==> flow/design.v <==
module sync_shift_top #(
  parameter WD = 20,
  parameter SEL_WIDTH = $clog2(WD)
) (
  input  wire i_clk,
  input  wire i_rst,
  input  wire [WD-1:0] i_in,
  input  wire [SEL_WIDTH-1:0] i_by,
  input  wire i_dir,
  output wire [WD-1:0] o_result
);
  reg [WD-1:0] in_reg;
  reg [SEL_WIDTH-1:0] by_reg;
  reg dir_reg;
  reg [WD-1:0] result_reg;
  assign o_result = result_reg;
  always @(posedge i_clk) begin
    if (i_rst) begin
      in_reg <= 0;
      by_reg <= 0;
      dir_reg <= 1'b0;
      result_reg <= 0;
    end else begin
      in_reg <= i_in;
      by_reg <= i_by;
      dir_reg <= i_dir;
      result_reg <= dir_reg ? in_reg << by_reg : in_reg >> by_reg;
    end
  end
endmodule
Reports on sync_shift_top
What the tools print for sync_shift_top, step after step.
Lines are those of the file above, counted from 1.
Cell names lack the library's common part.
Not given: -
- top: sync_shift_top
- clock: i_clk
- standard-cell library: sky130hd
- library corner: tt_025C_1v80

Elaborated design
Source: Yosys, flattened and elaborated, memories not mapped. Widths are those after wreduce; folded enables and synchronous resets count as part of the registers. Registers that Yosys merges into a memory's read port (data or address) are not register bits. Print and check cells do not count. Equal cells are merged and count once.
- noted shift operators: 2
- noted muxes and demuxes: 1
- operators by type and width (kind ; count):
    20-bit by 5-bit left shift with 20-bit output ; 1
    20-bit by 5-bit >> shifter with 20-bit output ; 1
    20-bit two-way mux ; 1
- bits in registers at 46
- bits of input ports at 28
- output and inout port bits: 20

Longest topological paths
Longest topological path by Yosys (ltp), each cell counted once; first at word level (registers and memories cut), then after technology mapping (sequential cells cut; the memories' decode and read muxes count).
- noted word-level depth: 2
- noted ABC_AREA: 0
- noted mapped depth: 7
- noted depth with buffers taken out: 4

After synthesis
The flow's flattened synthesis, as Yosys stat reports it; memories are mapped. The netlist is that of the ABC_AREA named above (0 if unset); the other value can give another one.
- cells by type (cell ; count):
    dfxtp_1 ; 46
    mux4_2 ; 22
    mux4_1 ; 16
    nor2b_1 ; 29
    nor2_1 ; 32
    mux2i_1 ; 9
    o21ai_0 ; 16
    clkbuf_1 ; 17
    mux2_2 ; 5
    buf_6 ; 4
    nand2_1 ; 11
    a31oi_1 ; 6
    nand2b_1 ; 6
    o211ai_1 ; 5
    buf_2 ; 7
    a211oi_1 ; 4
    o2111ai_1 ; 3
    a2111o_1 ; 2
Not listed: further types 37, cells in them 58.
- cell count at 298
- mapped area at 3171.8 µm²
- noted flip-flops: 46

Timing after synthesis
OpenSTA on the mapped netlist: ideal clock, no wires. The path of least setup slack (recovery checks aside). Input and output delay are each 20% of the period. Register names are those of the netlist, which keeps one name where synthesis merged equal registers.
- path type: reg2reg
- start point: register by_reg[0]
- end point: register result_reg[17]
- clock period: 2320 ps
- arrival time at 1733 ps
- slack: 462 ps
- path delay: 1858 ps
- driving pins on the path: 7
- noted synthesis period reached: 1858 ps
"path delay" is the arrival time less input delay plus setup time.
"driving pins on the path" counts driving pins, that of a launching flip-flop among them; a cell with two outputs on the path counts twice.
"synthesis period reached" is the clock period less the worst setup slack; recovery checks do not enter. This is arithmetic on one report: input and output delays are still those of the set period (20% each).
The rows between start and end are the longest chain of elaborated cells between them; the timing report does not say that the signal goes this way. Where chains are equally long, one stands for them.
A line is the first line of the expression or statement that the cell stems from. Yosys adds cells for indexed reads and writes and turns some case tables into memories.
- path through: dfxtp_1 -> buf_6 -> buf_6 -> mux4_1 -> or3_2 -> o2111ai_1 -> o22ai_1
- cells in the longest elaborated chain: 2
- elaborated cells on any way between the ends at 3
- ends and longest elaborated chain, after synthesis (what ; RTL line ; source):
    start, declared ; 13 ; reg [SEL_WIDTH-1:0] by_reg;
    start, assigned ; 20 ; by_reg <= 0;
    start, assigned ; 25 ; by_reg <= i_by;
    20-bit by 5-bit >> shifter with 20-bit output ; 27 ; result_reg <= dir_reg ? in_reg << by_reg : in_reg >> by_reg;
    20-bit two-way mux ; 27 ;
    end, assigned ; 22 ; result_reg <= 0;
    end, assigned ; 27 ;
    end, declared ; 15 ; reg [WD-1:0] result_reg;

Timing after layout
Path of least setup slack in the final report of run 1 (OpenROAD, finished layout, wires in). Where an end is a register, its clock arrival counts in the times.
The report prints the path's times to 10 ps; the period is as set.
- path type: reg2reg
- start point: register by_reg[0]
- end point: register result_reg[7]
- clock period: 2320 ps
- arrival time at 2370 ps
- slack: 130 ps
- driving pins on the path: 5
The rows between start and end are the longest chain of elaborated cells between them; the timing report does not say that the signal goes this way. Where chains are equally long, one stands for them.
- path through: dfxtp_2 -> buf_4 -> mux4_2 -> mux2_2 -> a311o_1
- cells in the longest elaborated chain: 2
- elaborated cells on any way between the ends at 3
- ends and longest elaborated chain, after layout (what ; RTL line ; source):
    start, declared ; 13 ; reg [SEL_WIDTH-1:0] by_reg;
    start, assigned ; 20 ; by_reg <= 0;
    start, assigned ; 25 ; by_reg <= i_by;
    20-bit by 5-bit >> shifter with 20-bit output ; 27 ; result_reg <= dir_reg ? in_reg << by_reg : in_reg >> by_reg;
    20-bit two-way mux ; 27 ;
    end, assigned ; 22 ; result_reg <= 0;
    end, assigned ; 27 ;
    end, declared ; 15 ; reg [WD-1:0] result_reg;

Subject: flow runs of sync_shift_top

Hi,

Below are 3 stored runs of the flow (Yosys, OpenROAD; platform sky130hd) on sync_shift_top, each with its settings and what was measured, unordered. Constraints: input delay and output delay 20% of the set period each, output load 0.01 pF.
"achieved clock period" is the run's clock period less its worst setup slack. It is reckoned from that one timing run; input and output delays stay at 20% of the period that was set.
"time of the worst setup path" means the part of the period allowed to the worst setup path (the constraints hold back 20% at inputs and 20% at outputs) less its slack; where the path has registers, the arrival times of their clocks count too.
By "total power after layout" is meant OpenSTA's value without simulated activity: inputs other than the clock are taken to toggle once in ten clock periods, and the tool carries that through the logic.
"time of the worst setup path" is given in steps of 10 ps.

Run 1
Settings were period_ns = 2.32; CAP_MARGIN = 20; CORE_MARGIN = 2; CORE_UTILIZATION = 40; SLEW_MARGIN = 20
- worst setup slack after layout: 135 ps
- standard-cell area of the final layout at 3832.4 µm²
- noted the total negative slack: 0 ps
- overall die area at 8657.4 µm²
- noted the post-layout utilization: 49.9 %
- noted the time of the worst setup path: 2190 ps
- worst path kind: reg2reg
- noted the worst hold slack: 587 ps
- noted the area of the synthesized netlist: 3171.8 µm²
- achieved clock period: 2185 ps
- total power after layout: 1891 uW

Run 2
Settings were period_ns = 1.84; CORE_UTILIZATION = 68; PLACE_DENSITY_LB_ADDON = 0.23; CORE_MARGIN = 7; TNS_END_PERCENT = 50; GPL_TIMING_DRIVEN = 1; CTS_CLUSTER_SIZE = 94; MIN_ROUTING_LAYER = met2; MAX_ROUTING_LAYER = met5; CAP_MARGIN = 20; SLEW_MARGIN = 20
- did not finish, routing stopped with GRT-0232

Run 3
Settings were period_ns = 1.17; CORE_UTILIZATION = 49; SETUP_SLACK_MARGIN = 0.08; PLACE_DENSITY_LB_ADDON = 0.08; HOLD_SLACK_MARGIN = 0.19; CORE_ASPECT_RATIO = 1.25; CELL_PAD_IN_SITES_DETAIL_PLACEMENT = 1; TNS_END_PERCENT = 20; ABC_AREA = 0; GPL_TIMING_DRIVEN = 0; CTS_CLUSTER_DIAMETER = 202; MIN_ROUTING_LAYER = met1; MAX_ROUTING_LAYER = met5; CAP_MARGIN = 20; CORE_MARGIN = 2; SLEW_MARGIN = 20
- noted the total negative slack: -15573 ps
- overall die area at 7136.4 µm²
- standard-cell area of the final layout at 4101.4 µm²
- noted the time of the worst setup path: 2060 ps
- worst path kind: reg2reg
- noted the post-layout utilization: 66.1 %
- noted the area of the synthesized netlist: 3171.8 µm²
- achieved clock period: 2060 ps
- total power after layout: 4445 uW
- noted the worst hold slack: 460 ps
- worst setup slack after layout: -890 ps

Regards
